==> flow/design.v <==
module cpu_mult_rtl_pp_row #(parameter N = 4) (
    input wire [N-1:0] a,
    input wire sel,
    input wire [N-1:0] pin,
    output wire [N:0] pout
);
    assign pout = pin + (a & {N{sel}});
endmodule
module cpu_mult_rtl #(
    parameter W = 10
) (
    input wire ck,
    input wire i_rst_n,
    input wire [W-1:0] in_first,
    input wire [W-1:0] in_second,
    output wire [2*W-1:0] out_res
);
    reg [W-1:0] first_reg;
    reg [W-1:0] second_reg;
    always @(posedge ck) begin
        if (~i_rst_n) begin
            first_reg <= 0;
            second_reg <= 0;
        end else begin
            first_reg <= in_first;
            second_reg <= in_second;
        end
    end
    wire [W:0] node [0:W];
    wire [W-1:0] lo;
    assign node[0] = 0;
    genvar k;
    generate
        for (k = 0; k < W; k = k + 1) begin : stage
            cpu_mult_rtl_pp_row #(.N(W)) el (.a(first_reg), .sel(second_reg[k]), .pin(node[k][W:1]), .pout(node[k+1]));
            assign lo[k] = node[k+1][0];
        end
    endgenerate
    assign out_res = {node[W][W:1], lo};
endmodule
# Step by step through the tools: cpu_mult_rtl
# The steps from the RTL of cpu_mult_rtl to its reports follow in flow order.
# Line numbers count from 1 in the design file above.
# Operators carry their Yosys type and port widths (W data, S select, Z words).
# Cell names lack the library's common part.
# A cell with n/a has no value.
[design]
top = "cpu_mult_rtl"
clock_port = "ck"
library = "sky130hd"
lib_corner = "tt_025C_1v80"

# Word-level counts
# Source: Yosys, flattened and elaborated, memories not mapped. Widths are those after wreduce; folded enables and synchronous resets count as part of the registers. Registers that Yosys merges into a memory's read port (data or address) are not register bits. Print and check cells do not count. Equal cells are merged and count once.
[bits]
input_bits = 22
reg_bits = 20
output_inout_bits = 20
[op_classes]
addsub = 9
bitwise = 10
[op_table]
columns = ["op", "count"]
rows = [
  ["$and A10 B10 Y10", 10],
  ["$add A10 B11 Y11", 8],
  ["$add A9 B11 Y11", 1],
]

# Depth
# Depth = most cells in a row (Yosys ltp): at word level without a register or memory, in the mapped netlist without a sequential cell, where the memories' decode and read muxes count.
[logic_depth]
ltp_word = 10
abc_area = 0
mapped_depth = 49
depth_no_buf = 48

# Netlist
# Source: synth_stat.txt of the flow (Yosys; design flattened, memories mapped). It holds for the ABC_AREA given above (unset counts as 0); a run with the other value may have another netlist.
[by_type]
columns = ["type", "count"]
rows = [
  ["ha_1", 90],
  ["and2_1", 123],
  ["xnor2_1", 53],
  ["dfxtp_1", 20],
  ["a21oi_1", 56],
  ["a21o_1", 24],
  ["fa_1", 9],
  ["xor2_1", 19],
  ["a2111oi_4", 5],
  ["inv_1", 34],
  ["o21ai_0", 23],
  ["nand2_1", 26],
  ["and3_1", 14],
  ["a21oi_2", 9],
  ["nor2b_1", 10],
  ["and3_4", 5],
  ["nand2b_1", 9],
  ["o21bai_2", 5],
]
# Not listed: further types 24, cells in them 61.
[mapped]
ff_cells = 20
seqArea_um2 = 400.4
buffers = 3
cell_count = 595
synth_area_um2 = 4844.6
# The figures by module come from a second, unflattened synthesis with its own total; it is not the netlist above.
[hier_totals]
hier_cells = 683
area_unflattened_um2 = 5445.2
# Rows give one instance, submodules left out.
[by_module]
columns = ["mod", "instances", "mod_area_um2", "n_cells", "seq_area_um2"]
rows = [
  ["cpu_mult_rtl_pp_row #(N=10)", 10, 488.0, 64, 0.0],
  ["cpu_mult_rtl", 1, 565.5, 43, 400.4],
]

# Path before layout
# Path of least setup slack by OpenSTA after synthesis, without wires, with an ideal clock, recovery checks aside; 20% of the period is set as input and as output delay. Where synthesis merged equal registers, the netlist keeps one of their names.
[synth_timing]
kind = "reg2out"
start = "register first_reg[1]"
end = "output port out_res[17]"
path_slack_ps = 2490
arrival_time_ps = 10070
t_first_pin_ps = 0
path_buffers = 1
output_delay_ps = 3140
path_delay_ps = 10070
tclk_ps = 15700
t_required_ps = 12560
stages = 45
synth_period_reached_ps = 13210
# "path_delay_ps" = arrival - input delay + setup time.
# At an output port there is no setup time.
# "stages" counts driving pins, that of a launching flip-flop among them; a cell with two outputs on the path counts twice.
# "synth_period_reached_ps" = period - worst setup slack (recovery checks aside). The figure is calculated, with input and output delays left at 20% of the set period.
# The rows between start and end are the longest chain of elaborated cells between them; the timing report does not say that the signal goes this way. Where chains are equally long, one stands for them.
# Each line given opens the expression or statement behind the cell; cells for indexed reads and writes are added by Yosys, which also makes memories of some case tables.
[synth_between]
cell_sequence = "dfxtp_1 clkbuf_1 and2_1 ha_1 fa_1 a21o_1 a21oi_1 xnor2_1 ha_1 and3_1 a211oi_1 nand2b_1 xor2_1 ha_1 and3_1 a211oi_1 nand2b_1 xor2_1 (+9 left out) nand3_1 o211ai_1 nor2_1 xnor2_1 ha_1 and3_4 a2111oi_4 xnor2_1 ha_1 and3_4 a2111oi_4 xnor2_1 ha_1 and3_4 a2111oi_4 o21bai_2 a21oi_2 xnor2_1"
elab_chain_cells = 10
cone_cells = 19
classes_between = "9 x add/sub; 10 x logic"
[synth_rtl]
columns = ["item", "line_no", "text"]
rows = [
  ["start, declared", 18, "reg [W-1:0] first_reg;"],
  ["start, assigned", 22, "first_reg <= 0;"],
  ["start, assigned", 25, "first_reg <= in_first;"],
  ["$and A10 B10 Y10", 7, "assign pout = pin + (a & {N{sel}});"],
  ["$add A9 B11 Y11", 7, ""],
  ["$add A10 B11 Y11 x8", 7, ""],
  ["end, declared", 16, "output wire [2*W-1:0] out_res"],
]

# Worst path after layout
# From the final timing report of run A: the path of least setup slack in the routed layout; clock arrival at registers is part of the times.
# The path's times are printed in steps of 10 ps; the period is the one set.
[layout_timing]
kind = "reg2out"
start = "register first_reg[0]"
end = "output port out_res[17]"
path_slack_ps = 860
tclk_ps = 15700
stages = 45
output_delay_ps = 3140
t_first_pin_ps = 250
t_required_ps = 12560
arrival_time_ps = 11700
path_buffers = 1
# The rows between start and end are the longest chain of elaborated cells between them; the timing report does not say that the signal goes this way. Where chains are equally long, one stands for them.
[layout_between]
cell_sequence = "dfxtp_1 and2_1 ha_1 fa_1 a21o_1 a21oi_1 xnor2_1 ha_1 and3_1 a211oi_1 nand2b_1 xor2_1 ha_1 and3_1 a211oi_1 nand2b_1 xor2_1 ha_1 (+9 left out) o211ai_1 nor2_1 xnor2_1 ha_1 and3_4 a2111oi_4 xnor2_1 ha_1 and3_1 a2111oi_4 xnor2_1 ha_1 and3_4 a2111oi_4 o21bai_2 a21oi_2 xnor2_1 clkdlybuf4s50_1"
elab_chain_cells = 10
cone_cells = 18
classes_between = "9 x add/sub; 9 x logic"
[layout_rtl]
columns = ["item", "line_no", "text"]
rows = [
  ["start, declared", 18, "reg [W-1:0] first_reg;"],
  ["start, assigned", 22, "first_reg <= 0;"],
  ["start, assigned", 25, "first_reg <= in_first;"],
  ["$and A10 B10 Y10", 7, "assign pout = pin + (a & {N{sel}});"],
  ["$add A9 B11 Y11", 7, ""],
  ["$add A10 B11 Y11 x8", 7, ""],
  ["end, declared", 16, "output wire [2*W-1:0] out_res"],
]

# Design cpu_mult_rtl on sky130hd. What follows are 3 stored runs of the flow, each under its own settings; their order means nothing. The constraints put input and output delay at 20% of the set period each and load the outputs with 0.01 pF.
# "achieved_clock_period_ps": clock period set for the run, less the worst setup slack. It is reckoned from that one timing run; input and output delays stay at 20% of the period that was set.
# "worst_path_time_ps" means the part of the period allowed to the worst setup path (the constraints hold back 20% at inputs and 20% at outputs) less its slack; where the path has registers, the arrival times of their clocks count too.
# By "fin_power_mw" is meant OpenSTA's value without simulated activity: inputs other than the clock are taken to toggle once in ten clock periods, and the tool carries that through the logic.
# "worst_path_time_ps" is known to 10 ps.

[[run]]
name = "run A"
[run.settings]
period_ns = 15.7
CAP_MARGIN = 20
CORE_MARGIN = 2
CORE_UTILIZATION = 40
SLEW_MARGIN = 20
[run.results]
fin_power_mw = 0.2768
achieved_clock_period_ps = 14839
final_util_pct = 46.5
worst_path_time_ps = 11700
timing.worst_path_kind = "reg2out"
setupTns_ps = 0
stdcell_area_um2 = 5539.1
ws_hold_ps = 3456
ws_setup_ps = 861
ys_area_um2 = 4844.6
die_footprint_um2 = 13007.4

[[run]]
name = "run B"
[run.settings]
period_ns = 18.4
CORE_UTILIZATION = 49
SETUP_SLACK_MARGIN = 2.66
PLACE_DENSITY = 0.89
GPL_TIMING_DRIVEN = 0
CTS_CLUSTER_DIAMETER = 247
MIN_ROUTING_LAYER = "met2"
MAX_ROUTING_LAYER = "met4"
CAP_MARGIN = 20
CORE_MARGIN = 2
SLEW_MARGIN = 20
[run.results]
fin_power_mw = 0.2161
achieved_clock_period_ps = 15399
final_util_pct = 57.5
worst_path_time_ps = 11720
timing.worst_path_kind = "reg2out"
setupTns_ps = 0
stdcell_area_um2 = 5565.3
ws_hold_ps = 3769
ws_setup_ps = 3001
ys_area_um2 = 4844.6
die_footprint_um2 = 10698.8

[[run]]
name = "run C"
[run.settings]
period_ns = 12.0
CORE_UTILIZATION = 69
PLACE_DENSITY_LB_ADDON = 0.29
CELL_PAD_IN_SITES_DETAIL_PLACEMENT = 1
ABC_AREA = 1
CTS_CLUSTER_SIZE = 50
CAP_MARGIN = 0
MIN_ROUTING_LAYER = "met1"
MAX_ROUTING_LAYER = "met4"
CORE_MARGIN = 2
SLEW_MARGIN = 20
[run.results]
outcome = "stopped before the end: placement reported DPL-0033"
